==> flow/design.v <==
module dp_ram_block_rtl (ck, write, wsel, wr_data, ra, rd);
  parameter NREGS = 128;
  parameter W = 2;
  localparam ADDR_WIDTH = $clog2(NREGS);
  input ck;
  input write;
  input [ADDR_WIDTH-1:0] wsel;
  input [W-1:0] wr_data;
  input [ADDR_WIDTH-1:0] ra;
  output [W-1:0] rd;
  reg [W-1:0] array [0:NREGS-1];
  always @(posedge ck) begin
    if (write)
      array[wsel] <= wr_data;
  end
  assign rd = array[ra];
endmodule
# --- Reports on dp_ram_block_rtl ---
# What the tools print for dp_ram_block_rtl, step after step.
# Lines are those of the file above, counted from 1.
# Cell names lack the library's common part.
design:
  design: "dp_ram_block_rtl"
  clk_port: "ck"
  cell_library: "sky130hd"
  corner: "tt_025C_1v80"

# --- Word level ---
# Source: Yosys, flattened and elaborated, memories not mapped. Widths are those after wreduce; folded enables and synchronous resets count as part of the registers. Registers that Yosys merges into a memory's read port (data or address) are not register bits. Print and check cells do not count. Equal cells are merged and count once.
# Yosys's memory passes give these memory sizes; they may raise the number of words (mostly to a power of two), join words into wider ones and drop unused or constant bits.
classes:
  mux: 3
op_table:
  columns: ["cell", "n"]
  rows:
  - ["two-way mux 7 bit", 1]
  - ["two-way mux 2 bit", 1]
  - ["two-way mux 1 bit", 1]
word_totals:
  register_bits: 0
  ramBits: 256
  memories: 1
  output_inout_bits: 2
  word_cells: 4
memory_table:
  columns: ["name", "size", "word_bits", "read_ports", "write_ports", "line_no", "text"]
  rows:
  - ["array", 128, 2, 1, 1, 11, "reg [W-1:0] array [0:NREGS-1];"]

# --- Logic depth ---
# Longest topological path by Yosys (ltp), each cell counted once; first at word level (registers and memories cut), then after technology mapping (sequential cells cut; the memories' decode and read muxes count).
depth:
  word_depth: 1
  ABC_AREA: 0
  mapped_depth: 9

# --- Mapped cells and area ---
# Yosys stat after the flow's synthesis: flattened, memories mapped to cells. It holds for the ABC_AREA given above (unset counts as 0); a run with the other value may have another netlist.
# The area totals of this step are shown rounded.
by_type:
  columns: ["type", "n", "area_total_um2"]
  rows:
  - ["edfxtp_1", 256, 7.69E+03]
  - ["mux4_2", 51, 1.15E+03]
  - ["nor2_1", 123, 461.693]
  - ["mux2i_1", 32, 320.307]
  - ["mux4_1", 5, 131.376]
  - ["a22oi_1", 16, 120.115]
  - ["mux2_2", 8, 90.086]
  - ["clkbuf_1", 21, 78.826]
  - ["nor3_1", 15, 75.072]
  - ["nand2_1", 16, 60.058]
  - ["nand3_1", 12, 60.058]
  - ["nor2b_1", 9, 56.304]
  - ["o22ai_1", 8, 50.048]
  - ["a21oi_1", 8, 40.038]
  - ["buf_6", 3, 33.782]
  - ["nand2b_1", 5, 31.28]
  - ["buf_2", 6, 30.029]
  - ["buf_12", 1, 20.019]
# Other cell types: 6; their cells: 14.
synth_totals:
  cells: 609
  area_um2: 10600
  seqArea_um2: 7690
  flip_flops: 256
  buffers: 36

# --- Path before layout ---
# OpenSTA on the mapped netlist: ideal clock, no wires. The path of least setup slack (recovery checks aside). Input and output delay are each 20% of the period. Register names are those of the netlist, which keeps one name where synthesis merged equal registers.
synth_path:
  path_kind: "in2out"
  startpoint: "input ra[2]"
  endpoint: "output rd[0]"
  tclk_ns: 4.38
  arrival_time_ns: 2.977
  slack_ns: 0.527
  path_delay_ns: 2.101
  path_stages: 8
  synth_period_reached_ns: 3.853
# "path_delay_ns" is the arrival time less input delay plus setup time.
# A path that ends at an output port has no setup time.
# "path_stages" counts driving pins, that of a launching flip-flop among them; a cell with two outputs on the path counts twice.
# "synth_period_reached_ns" = period - worst setup slack (recovery checks aside). The figure is calculated, with input and output delays left at 20% of the set period.
# The rows between start and end are the longest chain of elaborated cells between them; the timing report does not say that the signal goes this way. Where chains are equally long, one stands for them.
# A line is the first line of the expression or statement that the cell stems from. Yosys adds cells for indexed reads and writes and turns some case tables into memories.
# A memory read counts as a cell of the chain, while the word-level depth stops at memories.
synth_between:
  path_cell_list: "clkbuf_1 > buf_2 > buf_1 > mux4_2 > mux2_2 > o22ai_1 > nor3_1 > or4_1"
  elab_chain_len: 1
synth_lines:
  columns: ["item", "line_no", "text"]
  rows:
  - ["start: declaration", 9, "input [ADDR_WIDTH-1:0] ra;"]
  - ["memory (128 x 2 bit)", 11, "reg [W-1:0] array [0:NREGS-1];"]
  - ["end: declaration", 10, "output [W-1:0] rd;"]

# --- Path in the finished layout ---
# Path of least setup slack in the final report of record 1 (OpenROAD, finished layout, wires in). Where an end is a register, its clock arrival counts in the times.
layout_path:
  path_kind: "in2out"
  startpoint: "input ra[0]"
  endpoint: "output rd[0]"
  tclk_ns: 3.31
  arrival_time_ns: 3.00
  slack_ns: -0.35
  path_stages: 9
# The rows between start and end are the longest chain of elaborated cells between them; the timing report does not say that the signal goes this way. Where chains are equally long, one stands for them.
# A memory read counts as a cell of the chain, while the word-level depth stops at memories.
layout_between:
  path_cell_list: "buf_16 > buf_16 > buf_6 > mux4_2 > mux4_2 > o22ai_2 > nor3_2 > or4_4 > buf_6"
  elab_chain_len: 1
layout_lines:
  columns: ["item", "line_no", "text"]
  rows:
  - ["start: declaration", 9, "input [ADDR_WIDTH-1:0] ra;"]
  - ["memory (128 x 2 bit)", 11, "reg [W-1:0] array [0:NREGS-1];"]
  - ["end: declaration", 10, "output [W-1:0] rd;"]

Lab notebook: dp_ram_block_rtl

Below are 3 stored runs of the flow (Yosys, OpenROAD; platform sky130hd) on dp_ram_block_rtl, each with its settings and what was measured, unordered. Constraints: input delay and output delay 20% of the set period each, output load 0.01 pF.
"period_less_ws_ns" means the clock period less the worst setup slack. The figure is calculated, with input and output delays left at 20% of the set period.
"worst_path_allowed_less_slack_ns" = time allowed to the worst setup path (clock period - input delay - output delay, where it has them) - its slack; a late launch clock adds to it, a late capture clock takes from it.
"power_w" is the tool's figure for a default switching activity; nothing was simulated.
The measured numbers are rounded.

--- record 1 ---
==> flow/run.sh <==
#!/bin/bash
# the make line also repeats the synthesis and layout settings of config.mk as NAME=value (left out here)
make -C /OpenROAD-flow-scripts/flow DESIGN_CONFIG=/design/flow/config.mk WORK_HOME=/design/flow/orfs CLKGATE_MAP_FILE= finish
==> flow/config.mk <==
export PLATFORM = sky130hd
export DESIGN_NAME = dp_ram_block_rtl
export DESIGN_NICKNAME = dp_ram_block_rtl
export VERILOG_FILES = /design/flow/design.v
export SDC_FILE = /design/flow/constraint.sdc
export NUM_CORES = 4
export LEC_CHECK = 0
export CAP_MARGIN = 20
export CELL_PAD_IN_SITES_DETAIL_PLACEMENT = 0
export CELL_PAD_IN_SITES_GLOBAL_PLACEMENT = 1
export CORE_ASPECT_RATIO = 1.51
export CORE_MARGIN = 2
export CORE_UTILIZATION = 41
export CTS_CLUSTER_SIZE = 18
export MAX_ROUTING_LAYER = met4
export MIN_ROUTING_LAYER = met1
export PLACE_DENSITY_LB_ADDON = 0.28
export SLEW_MARGIN = 25
export TNS_END_PERCENT = 30
==> flow/constraint.sdc <==
create_clock -name core_clock -period 3.31 [get_ports {ck}]
set_input_delay 0.6620 -clock core_clock [delete_from_list [all_inputs] [get_ports {ck}]]
set_output_delay 0.6620 -clock core_clock [all_outputs]
set_load 0.01 [all_outputs]

==> results, as YAML <==
results:
  period_less_ws_ns: 3.663
  yosys.chip_area_um2: 10600
  worst_path_allowed_less_slack_ns: 2.34
  worstPathKind: "in2out"
  fin_ws_ns: -0.353
  dieArea_um2: 27100
  finish.utilization_pct: 49.6
  fin_tns_ns: -0.676
  fin_hold_ws_ns: 0.697
  power_w: 0.00685

--- record 2 ---
==> flow/run.sh <==
#!/bin/bash
# the make line also repeats the synthesis and layout settings of config.mk as NAME=value (left out here)
make -C /OpenROAD-flow-scripts/flow DESIGN_CONFIG=/design/flow/config.mk WORK_HOME=/design/flow/orfs CLKGATE_MAP_FILE= finish
==> flow/config.mk <==
export PLATFORM = sky130hd
export DESIGN_NAME = dp_ram_block_rtl
export DESIGN_NICKNAME = dp_ram_block_rtl
export VERILOG_FILES = /design/flow/design.v
export SDC_FILE = /design/flow/constraint.sdc
export NUM_CORES = 4
export LEC_CHECK = 0
export CAP_MARGIN = 20
export CORE_MARGIN = 2
export CORE_UTILIZATION = 40
export SLEW_MARGIN = 20
==> flow/constraint.sdc <==
create_clock -name core_clock -period 4.38 [get_ports {ck}]
set_input_delay 0.8760 -clock core_clock [delete_from_list [all_inputs] [get_ports {ck}]]
set_output_delay 0.8760 -clock core_clock [all_outputs]
set_load 0.01 [all_outputs]

==> results, as YAML <==
results:
  period_less_ws_ns: 4.266
  yosys.chip_area_um2: 10600
  worst_path_allowed_less_slack_ns: 2.51
  worstPathKind: "in2out"
  fin_ws_ns: 0.114
  dieArea_um2: 27700
  finish.utilization_pct: 47.0
  fin_tns_ns: 0.000
  fin_hold_ws_ns: 0.996
  power_w: 0.00519

--- record 3 ---
==> flow/run.sh <==
#!/bin/bash
# the make line also repeats the synthesis and layout settings of config.mk as NAME=value (left out here)
make -C /OpenROAD-flow-scripts/flow DESIGN_CONFIG=/design/flow/config.mk WORK_HOME=/design/flow/orfs CLKGATE_MAP_FILE= finish
==> flow/config.mk <==
export PLATFORM = sky130hd
export DESIGN_NAME = dp_ram_block_rtl
export DESIGN_NICKNAME = dp_ram_block_rtl
export VERILOG_FILES = /design/flow/design.v
export SDC_FILE = /design/flow/constraint.sdc
export NUM_CORES = 4
export LEC_CHECK = 0
export CAP_MARGIN = 20
export CELL_PAD_IN_SITES_DETAIL_PLACEMENT = 1
export CORE_MARGIN = 2
export CORE_UTILIZATION = 30
export CTS_CLUSTER_DIAMETER = 225
export MIN_ROUTING_LAYER = met2
export PLACE_DENSITY_LB_ADDON = 0.28
export SLEW_MARGIN = 20
==> flow/constraint.sdc <==
create_clock -name core_clock -period 5.38 [get_ports {ck}]
set_input_delay 1.0760 -clock core_clock [delete_from_list [all_inputs] [get_ports {ck}]]
set_output_delay 1.0760 -clock core_clock [all_outputs]
set_load 0.01 [all_outputs]

==> results, as YAML <==
results:
  period_less_ws_ns: 5.034
  yosys.chip_area_um2: 10600
  worst_path_allowed_less_slack_ns: 2.88
  worstPathKind: "in2out"
  fin_ws_ns: 0.346
  dieArea_um2: 36800
  finish.utilization_pct: 35.0
  fin_tns_ns: 0.000
  fin_hold_ws_ns: 0.956
  power_w: 0.00422
